==> flow/design.v <==
module data_mux_stage #(
  parameter W = 10
) (
  input wire clk_i,
  input wire [W-1:0] in_data_0,
  input wire [W-1:0] in_data_1,
  input wire [W-1:0] in_data_2,
  input wire [W-1:0] in_data_3,
  input wire [W-1:0] in_data_4,
  input wire [W-1:0] in_data_5,
  input wire [2:0] in_addr,
  output reg [W-1:0] out_dout
);
  reg [W-1:0] cur;
  always @* begin
    case (in_addr)
      3'd0: cur = in_data_0;
      3'd1: cur = in_data_1;
      3'd2: cur = in_data_2;
      3'd3: cur = in_data_3;
      3'd4: cur = in_data_4;
      default: cur = in_data_5;
    endcase
  end
  always @(posedge clk_i) begin
    out_dout <= cur;
  end
endmodule
Reports on data_mux_stage
Tool output for the design above, in the order of the flow.
Lines are those of the file above, counted from 1.
Operators carry their Yosys type and port widths (W data, S select, Z words).
Cell names lack the library's common part.
{ "design": {"top_module": "data_mux_stage", "clock": "clk_i", "library": "sky130hd", "pvt_corner": "tt_025C_1v80"} }

After elaboration
Yosys after proc, flatten, opt, wreduce and memory -nomap, before mapping. Enables and synchronous resets that opt folds into registers are not counted as muxes. Memory bits, and registers merged into a memory's read port (data or address), are not among the register bits. Print and check cells are not counted. Equal cells are merged and count once.
{ "op_classes": {"equal": 4, "n_mux": 1, "reduce_logical": 1} }
{ "op_table": {"columns": ["operator", "n"], "rows": [
  ["$pmux W10 S5", 1],
  ["$eq A3 B2 Y1 const B", 2],
  ["$eq A3 B1 Y1 const B", 1],
  ["$eq A3 B3 Y1 const B", 1],
  ["$logic_not A3 Y1", 1]
]} }
{ "word_totals": {"reg_bits": 10, "in_bits": 64, "output_inout_bits": 10, "wordCells": 7} }

Depth
Depth = most cells in a row (Yosys ltp): at word level without a register or memory, in the mapped netlist without a sequential cell, where the memories' decode and read muxes count.
{ "depth": {"word_depth": 2, "ABC_AREA": 0, "mapped_depth": 5, "ltp_nobuf": 3} }

Netlist
Source: synth_stat.txt of the flow (Yosys; design flattened, memories mapped). It holds for the ABC_AREA given above (unset counts as 0); a run with the other value may have another netlist.
Totals and module areas in this step are rounded.
{ "by_type": {"columns": ["cell", "n", "type_area_um2"], "rows": [
  ["dfxtp_1", 10, 200.192],
  ["mux2i_1", 20, 200.192],
  ["a221oi_1", 6, 52.55],
  ["a211oi_1", 6, 45.043],
  ["mux2_2", 4, 45.043],
  ["a221o_1", 4, 40.038],
  ["nor2b_1", 6, 37.536],
  ["and2b_1", 4, 30.029],
  ["o22ai_1", 4, 25.024],
  ["buf_6", 2, 22.522],
  ["buf_8", 1, 15.014],
  ["nor2_4", 1, 11.261],
  ["clkbuf_4", 1, 7.507],
  ["nand2b_1", 1, 6.256],
  ["or2_2", 1, 6.256],
  ["buf_2", 1, 5.005],
  ["clkbuf_1", 1, 3.754],
  ["nor2_1", 1, 3.754]
]} }
{ "synth_totals": {"stdcells": 74, "area_mm2": 0.000757, "sequential_area_mm2": 0.0002002, "ff_cells": 10, "n_buf": 6} }

Worst setup path after synthesis
Path of least setup slack by OpenSTA after synthesis, without wires, with an ideal clock, recovery checks aside; 20% of the period is set as input and as output delay. Where synthesis merged equal registers, the netlist keeps one of their names.
{ "synth_timing": {"path_type": "input-to-reg", "start": "in in_addr[0]", "end": "reg out_dout[3]", "tclk_ns": 1.55, "input_delay_ns": 0.310, "setup_ns": 0.122, "t_first_pin_ns": 0.310, "t_arrival_ns": 1.181, "required_ns": 1.428, "path_slack_ns": 0.247, "delay_ns": 0.993, "driving_pins": 4, "path_buffers": 1, "period_less_setup_slack_ns": 1.303} }
"delay_ns" = arrival - input delay + setup time.
"driving_pins" counts driving pins, that of a launching flip-flop among them; a cell with two outputs on the path counts twice.
"period_less_setup_slack_ns" is the clock period less the worst setup slack; recovery checks do not enter. This is arithmetic on one report: input and output delays are still those of the set period (20% each).
The rows between start and end are the longest chain of elaborated cells between them; the timing report does not say that the signal goes this way. Where chains are equally long, one stands for them.
Each line given opens the expression or statement behind the cell; cells for indexed reads and writes are added by Yosys, which also makes memories of some case tables.
{ "synth_between": {"cell_sequence": "buf_6 > nor2_4 > mux2_2 > a221o_1", "elab_chain_cells": 2, "cells_between": 6, "cone_lines": 1, "cone_classes": "eq/ne: 4; mux: 1; reduce/logical: 1"} }
{ "synth_rtl": {"columns": ["element", "line_no", "text"], "rows": [
  ["start: declaration", 11, "input wire [2:0] in_addr,"],
  ["$eq A3 B3 Y1", 16, "case (in_addr)"],
  ["$pmux W10 S5", 16, null],
  ["end: assignment", 26, "out_dout <= cur;"],
  ["end: declaration", 12, "output reg [W-1:0] out_dout"]
]} }

Worst path after layout
From the final timing report of run 2: the path of least setup slack in the routed layout; clock arrival at registers is part of the times.
{ "layout_timing": {"path_type": "input-to-reg", "start": "in in_addr[1]", "end": "reg out_dout[7]", "tclk_ns": 1.55, "input_delay_ns": 0.31, "setup_ns": 0.11, "t_first_pin_ns": 0.31, "t_arrival_ns": 1.67, "required_ns": 1.70, "path_slack_ns": 0.03, "driving_pins": 4, "path_buffers": 1} }
The rows between start and end are the longest chain of elaborated cells between them; the timing report does not say that the signal goes this way. Where chains are equally long, one stands for them.
{ "layout_between": {"cell_sequence": "clkdlybuf4s50_1 > nor2_4 > mux2_2 > a221o_1", "elab_chain_cells": 2, "cells_between": 6, "cone_lines": 1, "cone_classes": "eq/ne: 4; mux: 1; reduce/logical: 1"} }
{ "layout_rtl": {"columns": ["element", "line_no", "text"], "rows": [
  ["start: declaration", 11, "input wire [2:0] in_addr,"],
  ["$eq A3 B3 Y1", 16, "case (in_addr)"],
  ["$pmux W10 S5", 16, null],
  ["end: assignment", 26, "out_dout <= cur;"],
  ["end: declaration", 12, "output reg [W-1:0] out_dout"]
]} }

# Flow runs of data_mux_stage

data_mux_stage through Yosys and OpenROAD on sky130hd: 3 stored runs, unordered, with their settings and measured results. The constraints put input and output delay at 20% of the set period each and load the outputs with 0.01 pF.
"reached clock period" is the run's clock period less its worst setup slack. It is reckoned from that one timing run; input and output delays stay at 20% of the period that was set.
"time of the worst setup path" means the part of the period allowed to the worst setup path (the constraints hold back 20% at inputs and 20% at outputs) less its slack; where the path has registers, the arrival times of their clocks count too.
By "overall power" is meant OpenSTA's value without simulated activity: inputs other than the clock are taken to toggle once in ten clock periods, and the tool carries that through the logic.
Measured values are rounded.

==> run 1: settings <==
{ "period_ns": 0.961, "CORE_UTILIZATION": 50, "SETUP_SLACK_MARGIN": 0.21, "PLACE_DENSITY_LB_ADDON": 0.27, "CORE_MARGIN": 8, "CELL_PAD_IN_SITES_GLOBAL_PLACEMENT": 3, "CELL_PAD_IN_SITES_DETAIL_PLACEMENT": 0, "GPL_ROUTABILITY_DRIVEN": 1, "CTS_CLUSTER_DIAMETER": 38, "CAP_MARGIN": 20, "MAX_ROUTING_LAYER": "met4", "SLEW_MARGIN": 20 }
==> run 1: results <==
no results, placement failed with FLW-0024

==> run 2: settings <==
{ "period_ns": 1.55, "CAP_MARGIN": 20, "CORE_MARGIN": 2, "CORE_UTILIZATION": 40, "SLEW_MARGIN": 20 }
==> run 2: results <==
utilization in the final report: 90.8%
time of the worst setup path: 1.21 ns
kind of the worst setup path: input-to-reg
lowest setup slack: 0.034 ns
overall power: 880.6 µW
synthesized cell area: 0.000757 mm²
reached clock period: 1.516 ns
lowest hold slack: 0.700 ns
die size: 0.002256 mm²

==> run 3: settings <==
{ "period_ns": 1.39, "CORE_UTILIZATION": 41, "PLACE_DENSITY": 0.62, "CORE_ASPECT_RATIO": 0.86, "GPL_ROUTABILITY_DRIVEN": 0, "CTS_CLUSTER_SIZE": 85, "CAP_MARGIN": 20, "CORE_MARGIN": 2, "SLEW_MARGIN": 20 }
==> run 3: results <==
lowest hold slack: 0.707 ns
lowest setup slack: -0.069 ns
time of the worst setup path: 1.18 ns
kind of the worst setup path: input-to-reg
synthesized cell area: 0.000757 mm²
overall power: 993.3 µW
die size: 0.002207 mm²
utilization in the final report: 92.1%
reached clock period: 1.459 ns
